==> flow/design.v <==
module u_selector #(
  parameter int NBITS = 20,
  parameter int COUNT = 7,
  parameter int LG = $clog2(COUNT)
) (
  input logic clock,
  input logic RSTN,
  input logic step,
  input logic [COUNT*NBITS-1:0] src_i,
  input logic [LG-1:0] select_i,
  output logic [NBITS-1:0] o_o
);
  logic [COUNT*NBITS-1:0] val;
  assign val = src_i >> (select_i * NBITS);
  always_ff @(posedge clock or negedge RSTN) begin
    if (~RSTN) begin
      o_o <= 0;
    end else if (step) begin
      o_o <= val[NBITS-1:0];
    end
  end
endmodule
# Step by step through the tools: u_selector
# Tool output for the design above, in the order of the flow.
# Lines are those of the file above, counted from 1.
# A cell with -- has no value.
# inputs
top	u_selector
clock_port	clock
lib	sky130hd
corner	tt_025C_1v80

# After elaboration
# Yosys after proc, flatten, opt, wreduce and memory -nomap, before mapping. Enables and synchronous resets that opt folds into registers are not counted as muxes. Memory bits, and registers merged into a memory's read port (data or address), are not among the register bits. Print and check cells are not counted. Equal cells are merged and count once.
# bits
out_inout_bits	20
reg_bits	20
wordCells	3
# classes
n_shift	1
n_mul	1
# op_table
operator	n
right shift 140 x 8 -> 20 bit	1
multiplier 3 x 3 -> 6 bit with constant B	1

# Longest topological paths
# Depth = most cells in a row (Yosys ltp): at word level without a register or memory, in the mapped netlist without a sequential cell, where the memories' decode and read muxes count.
# logic_depth
depth_word	2
ABC_AREA	0
mapped_depth	5
depth_no_buf	3

# After synthesis
# The flow's flattened synthesis, as Yosys stat reports it; memories are mapped. The netlist is that of the ABC_AREA named above (0 if unset); the other value can give another one.
# The area totals of this step are shown rounded.
# synth_totals
n_buf	22
flip_flops	20
mapped_area_um2	1900
stdcells	187
# by_type
cell_type	n	area_total_um2
sky130_fd_sc_hd__mux2_2	59	664.387
sky130_fd_sc_hd__dfrtp_1	20	500.48
sky130_fd_sc_hd__a211oi_1	19	142.637
sky130_fd_sc_hd__o22ai_1	20	125.12
sky130_fd_sc_hd__a221oi_1	13	113.859
sky130_fd_sc_hd__a221oi_2	7	105.101
sky130_fd_sc_hd__nor2_1	20	75.072
sky130_fd_sc_hd__clkbuf_1	13	48.797
sky130_fd_sc_hd__buf_6	4	45.043
sky130_fd_sc_hd__clkbuf_8	2	27.526
sky130_fd_sc_hd__buf_8	1	15.014
sky130_fd_sc_hd__mux2_4	1	15.014
sky130_fd_sc_hd__a211oi_2	1	12.512
sky130_fd_sc_hd__buf_2	2	10.01
sky130_fd_sc_hd__nand2b_1	1	6.256
sky130_fd_sc_hd__nor2b_1	1	6.256
sky130_fd_sc_hd__or2_2	1	6.256
sky130_fd_sc_hd__inv_1	1	3.754
sky130_fd_sc_hd__nand2_1	1	3.754

# Worst setup path after synthesis
# Path of least setup slack by OpenSTA after synthesis, without wires, with an ideal clock, recovery checks aside; 20% of the period is set as input and as output delay. Where synthesis merged equal registers, the netlist keeps one of their names.
# synth_path
path_type	input -> register
startpoint	in select_i[1]
endpoint	reg o_o[10]
stages	5
input_delay_ps	314
slack_ps	254
path_delay_ps	1002
arrival_time_ps	1173
clock_period_ps	1570
required_ps	1427
n_path_buf	2
synth_period_reached_ps	1316
# "path_delay_ps" = arrival - input delay + setup time.
# "stages" counts driving pins, that of a launching flip-flop among them; a cell with two outputs on the path counts twice.
# "synth_period_reached_ps" = period - worst setup slack (recovery checks aside). The figure is calculated, with input and output delays left at 20% of the set period.
# The rows between start and end are the longest chain of elaborated cells between them; the timing report does not say that the signal goes this way. Where chains are equally long, one stands for them.
# A line is the first line of the expression or statement that the cell stems from. Yosys adds cells for indexed reads and writes and turns some case tables into memories.
# synth_between
path_cell_list	sky130_fd_sc_hd__buf_6 sky130_fd_sc_hd__buf_6 sky130_fd_sc_hd__mux2_2 sky130_fd_sc_hd__a221oi_1 sky130_fd_sc_hd__a211oi_1
elab_chain_len	2
cells_between	2
cone_lines	1
# synth_lines
item	line	text
start, declared	10	input logic [LG-1:0] select_i,
multiplier 3 x 3 -> 6 bit	14	assign val = src_i >> (select_i * NBITS);
right shift 140 x 8 -> 20 bit	14
end, assigned	17	o_o <= 0;
end, assigned	19	o_o <= val[NBITS-1:0];
end, declared	11	output logic [NBITS-1:0] o_o

# Timing after layout
# Path of least setup slack in the final report of job 1 (OpenROAD, finished layout, wires in). Where an end is a register, its clock arrival counts in the times.
# The path's times are printed in steps of 10 ps; the period is the one set.
# layout_path
path_type	input -> register
startpoint	in select_i[1]
endpoint	reg o_o[17]
required_ps	1170
stages	5
n_path_buf	2
input_delay_ps	210
clock_period_ps	1060
arrival_time_ps	1170
slack_ps	0
# The rows between start and end are the longest chain of elaborated cells between them; the timing report does not say that the signal goes this way. Where chains are equally long, one stands for them.
# layout_between
path_cell_list	sky130_fd_sc_hd__buf_12 sky130_fd_sc_hd__buf_12 sky130_fd_sc_hd__mux2_4 sky130_fd_sc_hd__a221oi_4 sky130_fd_sc_hd__a211oi_2
elab_chain_len	2
cells_between	2
cone_lines	1
# layout_lines
item	line	text
start, declared	10	input logic [LG-1:0] select_i,
multiplier 3 x 3 -> 6 bit	14	assign val = src_i >> (select_i * NBITS);
right shift 140 x 8 -> 20 bit	14
end, assigned	17	o_o <= 0;
end, assigned	19	o_o <= val[NBITS-1:0];
end, declared	11	output logic [NBITS-1:0] o_o

Memo
Re: implementation data of u_selector

Record of 3 stored runs of the RTL-to-layout flow on u_selector, platform sky130hd. The runs are unordered. Constraints: input delay and output delay 20% of the set period each, output load 0.01 pF.
"period_reached_ps" = clock period - worst setup slack. The figure is calculated, with input and output delays left at 20% of the set period.
By "critical_path_time_ps" is meant the share of the clock period that the worst setup path is allowed (20% is reserved at inputs, 20% at outputs), minus its slack. Clock arrival times at its registers enter into it.
"critical_path_time_ps" is given in steps of 10 ps.
Results are given in rounded form.

Job 1, flow files:
==> flow/run.sh <==
#!/bin/bash
# the make line also repeats the synthesis and layout settings of config.mk as NAME=value (left out here)
make -C /OpenROAD-flow-scripts/flow DESIGN_CONFIG=/design/flow/config.mk WORK_HOME=/design/flow/orfs CLKGATE_MAP_FILE= finish
==> flow/config.mk <==
export PLATFORM = sky130hd
export DESIGN_NAME = u_selector
export DESIGN_NICKNAME = u_selector
export VERILOG_FILES = /design/flow/design.v
export SDC_FILE = /design/flow/constraint.sdc
export NUM_CORES = 4
export LEC_CHECK = 0
export CAP_MARGIN = 5
export CELL_PAD_IN_SITES_GLOBAL_PLACEMENT = 1
export CORE_MARGIN = 2
export CORE_UTILIZATION = 22
export CTS_CLUSTER_DIAMETER = 266
export GPL_TIMING_DRIVEN = 0
export HOLD_SLACK_MARGIN = 0.25
export PLACE_DENSITY_LB_ADDON = 0.28
export SETUP_SLACK_MARGIN = -0.0
export SLEW_MARGIN = 40
==> flow/constraint.sdc <==
create_clock -name core_clock -period 1.06 [get_ports {clock}]
set_input_delay 0.2120 -clock core_clock [delete_from_list [all_inputs] [get_ports {clock}]]
set_output_delay 0.2120 -clock core_clock [all_outputs]
set_load 0.01 [all_outputs]

==> results of job 1, as CSV <==
result,value
period_reached_ps,1063
fin_util_frac,0.52
ws_setup_ps,-3
final_die_area_um2,9500
layout_stdcell_area_um2,4400
critical_path_time_ps,850
critical_path_type,"input -> register"
synthesis_area_um2,1900

Job 2, flow files:
==> flow/run.sh <==
#!/bin/bash
# the make line also repeats the synthesis and layout settings of config.mk as NAME=value (left out here)
make -C /OpenROAD-flow-scripts/flow DESIGN_CONFIG=/design/flow/config.mk WORK_HOME=/design/flow/orfs CLKGATE_MAP_FILE= finish
==> flow/config.mk <==
export PLATFORM = sky130hd
export DESIGN_NAME = u_selector
export DESIGN_NICKNAME = u_selector
export VERILOG_FILES = /design/flow/design.v
export SDC_FILE = /design/flow/constraint.sdc
export NUM_CORES = 4
export LEC_CHECK = 0
export CAP_MARGIN = 20
export CORE_MARGIN = 2
export CORE_UTILIZATION = 40
export SLEW_MARGIN = 20
==> flow/constraint.sdc <==
create_clock -name core_clock -period 1.57 [get_ports {clock}]
set_input_delay 0.3140 -clock core_clock [delete_from_list [all_inputs] [get_ports {clock}]]
set_output_delay 0.3140 -clock core_clock [all_outputs]
set_load 0.01 [all_outputs]

==> results of job 2, as CSV <==
result,value
period_reached_ps,1560
fin_util_frac,0.81
ws_setup_ps,10
final_die_area_um2,5400
layout_stdcell_area_um2,3800
critical_path_time_ps,1250
critical_path_type,"input -> register"
synthesis_area_um2,1900

Job 3, flow files:
==> flow/run.sh <==
#!/bin/bash
# the make line also repeats the synthesis and layout settings of config.mk as NAME=value (left out here)
make -C /OpenROAD-flow-scripts/flow DESIGN_CONFIG=/design/flow/config.mk WORK_HOME=/design/flow/orfs CLKGATE_MAP_FILE= finish
==> flow/config.mk <==
export PLATFORM = sky130hd
export DESIGN_NAME = u_selector
export DESIGN_NICKNAME = u_selector
export VERILOG_FILES = /design/flow/design.v
export SDC_FILE = /design/flow/constraint.sdc
export NUM_CORES = 4
export LEC_CHECK = 0
export ABC_AREA = 0
export CAP_MARGIN = 20
export CORE_MARGIN = 2
export CORE_UTILIZATION = 61
export HOLD_SLACK_MARGIN = 0.16
export MAX_ROUTING_LAYER = met4
export MIN_ROUTING_LAYER = met1
export PLACE_DENSITY = 0.57
export SLEW_MARGIN = 40
export TNS_END_PERCENT = 70
==> flow/constraint.sdc <==
create_clock -name core_clock -period 0.97 [get_ports {clock}]
set_input_delay 0.1940 -clock core_clock [delete_from_list [all_inputs] [get_ports {clock}]]
set_output_delay 0.1940 -clock core_clock [all_outputs]
set_load 0.01 [all_outputs]

Job 3: no results, placement failed with GPL-0301
